==> flow/design.v <==
module dp_times_p (aclk, i_rst_n, da, db, prod);
    parameter DATA_W = 6;
    parameter COUNT = 4;
    localparam SUM_W = 2*DATA_W + $clog2(COUNT);
    input aclk;
    input i_rst_n;
    input [COUNT*DATA_W-1:0] da;
    input [COUNT*DATA_W-1:0] db;
    output [SUM_W-1:0] prod;
    reg [COUNT*DATA_W-1:0] da_ff;
    reg [COUNT*DATA_W-1:0] db_ff;
    reg [SUM_W-1:0] t;
    integer k;
    always @* begin
        t = 0;
        for (k = 0; k < COUNT; k = k + 1)
            t = t + da_ff[k*DATA_W +: DATA_W] * db_ff[k*DATA_W +: DATA_W];
    end
    assign prod = t;
    always @(posedge aclk or negedge i_rst_n) begin
        if (!i_rst_n) begin
            da_ff <= 0;
            db_ff <= 0;
        end else begin
            da_ff <= da;
            db_ff <= db;
        end
    end
endmodule
Reports on dp_times_p

Tool output for the design above, in the order of the flow.
Line numbers count from 1 in the design file above.
Cell names lack the library's common part.
A cell with -- has no value.

Design top: dp_times_p
Clock input: aclk
Standard-cell library: sky130hd
Corner: tt_025C_1v80

After elaboration

Source: Yosys, flattened and elaborated, memories not mapped. Widths are those after wreduce; folded enables and synchronous resets count as part of the registers. Registers that Yosys merges into a memory's read port (data or address) are not register bits. Print and check cells do not count. Equal cells are merged and count once.

Bits in registers: 48
Bits of input ports: 50
Output and inout bits: 14
Word-level cells: 9

Add/sub/neg operators: 3
$mul: 4

Operators by type and width:

| operator                   | count |
| multiplier 6 x 6 -> 12 bit | 4 |
| adder 13 x 12 -> 14 bit    | 1 |
| adder 14 x 12 -> 14 bit    | 1 |
| adder 12 x 12 -> 13 bit    | 1 |

Longest topological paths

Yosys ltp: most cells in a row. Word level: on the elaborated netlist, between registers, memories and ports. Mapped: between sequential cells and ports; inverters and the memories' decode and read muxes count.

Depth after elaboration: 4
ABC_AREA: 0
Gate-level depth with buffers: 20
Mapped depth without buffers: 20

Mapped cells and area

Yosys stat after the flow's synthesis: flattened, memories mapped to cells. It holds for the ABC_AREA given above (unset counts as 0); a run with the other value may have another netlist.

Cell types:

| cell      | count | total area (um^2) |
| fa_1      | 120   | 2.4E+03 |
| dfrtp_1   | 48    | 1.2E+03 |
| ha_1      | 71    | 888.352 |
| inv_1     | 162   | 608.083 |
| and2_1    | 95    | 594.32 |
| nand2_1   | 53    | 198.941 |
| xnor2_1   | 7     | 61.309 |
| o41ai_2   | 2     | 32.531 |
| xor2_1    | 3     | 26.275 |
| a21oi_1   | 4     | 20.019 |
| and3_1    | 3     | 18.768 |
| o21ai_0   | 3     | 15.014 |
| nor2b_4   | 1     | 13.763 |
| a211oi_2  | 1     | 12.512 |
| a31oi_2   | 1     | 12.512 |
| nand2b_2  | 1     | 8.758 |
| o2111ai_1 | 1     | 8.758 |
| o31a_1    | 1     | 8.758 |

Not listed: further types 9, cells in them 10.

Cells in the netlist: 587
Chip area (Yosys): 6188.4 um^2
Sequential area: 1201.2 um^2
Mapped flip-flops: 48
Buffer cells: 0

Timing after synthesis

Source: OpenSTA report_checks on the synthesized netlist (no wires, ideal clock, input and output delay 20% of the period each), path of least setup slack; recovery checks are left aside. Register names are those of the netlist, which keeps one name where synthesis merged equal registers.

Path kind: register to output
Start point: register db_ff[0]
End point: output port prod[12]
Clock period: 8.44 ns
External output delay: 1.688 ns
Time at the first pin: 0.000 ns
Arrival time: 5.400 ns
Required time: 6.752 ns
Path slack: 1.352 ns
Path delay: 5.400 ns
Stages: 19
Buffers on the path: 0
Period reached after synthesis: 7.088 ns

"path delay" is the arrival time less input delay plus setup time.
A path that ends at an output port has no setup time.
"stages" counts driving pins, that of a launching flip-flop among them; a cell with two outputs on the path counts twice.
"period reached after synthesis" = period - worst setup slack (recovery checks aside). The figure is calculated, with input and output delays left at 20% of the set period.
The rows between start and end are the longest chain of elaborated cells between them; the timing report does not say that the signal goes this way. Where chains are equally long, one stands for them.
A line is the first line of the expression or statement that the cell stems from. Yosys adds cells for indexed reads and writes and turns some case tables into memories.

Cells stage by stage: dfrtp_1 > and2_1 > fa_1 > inv_1 > fa_1 > fa_1 > fa_1 > inv_1 > fa_1 > fa_1 > inv_1 > fa_1 > inv_1 > ha_1 > and3_1 > a211oi_2 > nand2b_2 > a31oi_2 > xnor2_1
Cells in the longest elaborated chain: 4
Elaborated cells between the ends (all ways): 4
Source lines of those cells: 1
Those cells by class: 3 x add/sub; 1 x mul

Ends and longest elaborated chain, after synthesis:

| element                    | line | source |
| start: declaration         | 11   | `reg [COUNT*DATA_W-1:0] db_ff;` |
| start: assignment          | 23   | `db_ff <= 0;` |
| start: assignment          | 26   | `db_ff <= db;` |
| multiplier 6 x 6 -> 12 bit | 17   | `t = t + da_ff[k*DATA_W +: DATA_W] * db_ff[k*DATA_W +: DATA_W];` |
| adder 12 x 12 -> 13 bit    | 17   |  |
| adder 13 x 12 -> 14 bit    | 17   |  |
| adder 14 x 12 -> 14 bit    | 17   |  |
| end: declaration           | 9    | `output [SUM_W-1:0] prod;` |

Worst path after layout

From the final timing report of record 1: the path of least setup slack in the routed layout; clock arrival at registers is part of the times.

Path kind: register to output
Start point: register db_ff[12]
End point: output port prod[11]
Clock period: 5.36 ns
External output delay: 1.07 ns
Time at the first pin: 0.30 ns
Arrival time: 6.07 ns
Required time: 4.29 ns
Path slack: -1.78 ns
Stages: 21
Buffers on the path: 2

The rows between start and end are the longest chain of elaborated cells between them; the timing report does not say that the signal goes this way. Where chains are equally long, one stands for them.

Cells stage by stage: dfrtp_2 > and2_4 > fa_1 > inv_1 > fa_1 > inv_2 > fa_1 > fa_1 > fa_1 > fa_1 > inv_1 > fa_1 > inv_1 > ha_4 > nor2b_4 > o2111ai_2 > nand2_2 > buf_4 > o41ai_4 > xnor2_1 > buf_2
Cells in the longest elaborated chain: 3
Elaborated cells between the ends (all ways): 3
Source lines of those cells: 1
Those cells by class: 2 x add/sub; 1 x mul

Ends and longest elaborated chain, post-layout:

| element                    | line | source |
| start: declaration         | 11   | `reg [COUNT*DATA_W-1:0] db_ff;` |
| start: assignment          | 23   | `db_ff <= 0;` |
| start: assignment          | 26   | `db_ff <= db;` |
| multiplier 6 x 6 -> 12 bit | 17   | `t = t + da_ff[k*DATA_W +: DATA_W] * db_ff[k*DATA_W +: DATA_W];` |
| adder 13 x 12 -> 14 bit    | 17   |  |
| adder 14 x 12 -> 14 bit    | 17   |  |
| end: declaration           | 9    | `output [SUM_W-1:0] prod;` |

# Flow runs of dp_times_p

Record of 3 stored runs of the RTL-to-layout flow on dp_times_p, platform sky130hd. The runs are unordered. Constraints: input delay and output delay 20% of the set period each, output load 0.01 pF.
"achieved period" means the clock period less the worst setup slack. The figure is calculated, with input and output delays left at 20% of the set period.
"time used up by the worst setup path" = time allowed to the worst setup path (clock period - input delay - output delay, where it has them) - its slack; a late launch clock adds to it, a late capture clock takes from it.
Among the settings, -- means not set for that run.

| item                                      | record 1           | record 2           | record 3           |
| period_ns                                 | 5.36               | 8.15               | 8.44               |
| CORE_UTILIZATION                          | 29                 | 37                 | 40                 |
| SETUP_SLACK_MARGIN                        | 0.71               | --                 | --                 |
| PLACE_DENSITY_LB_ADDON                    | 0.21               | --                 | --                 |
| CORE_ASPECT_RATIO                         | 0.74               | 0.75               | --                 |
| CELL_PAD_IN_SITES_DETAIL_PLACEMENT        | 2                  | 0                  | --                 |
| TNS_END_PERCENT                           | 10                 | --                 | --                 |
| GPL_ROUTABILITY_DRIVEN                    | 0                  | --                 | --                 |
| CAP_MARGIN                                | 25                 | 5                  | 20                 |
| MIN_ROUTING_LAYER                         | met1               | --                 | --                 |
| CORE_MARGIN                               | 2                  | 4                  | 2                  |
| SLEW_MARGIN                               | 20                 | 20                 | 20                 |
| PLACE_DENSITY                             | --                 | 0.71               | --                 |
| HOLD_SLACK_MARGIN                         | --                 | 0.11               | --                 |
| ABC_AREA                                  | --                 | 1                  | --                 |
| CTS_CLUSTER_DIAMETER                      | --                 | 312                | --                 |
| MAX_ROUTING_LAYER                         | --                 | met5               | --                 |
| achieved period (ns)                      | 7.140              | 7.825              | 8.138              |
| chip area in the Yosys report (um^2)      | 6188.4             | 6408.6             | 6188.4             |
| final setup TNS (ns)                      | -15.988            | 0.000              | 0.000              |
| post-route utilization (%)                | 38.6               | 44.0               | 47.8               |
| worst setup slack after layout (ns)       | -1.780             | 0.325              | 0.302              |
| time used up by the worst setup path (ns) | 6.07               | 6.19               | 6.45               |
| class of the worst setup path             | register to output | register to output | register to output |
| standard-cell area after layout (um^2)    | 7996.4             | 7453.4             | 7235.7             |
| area inside the die boundary (um^2)       | 22536.9            | 19511.7            | 16481.4            |
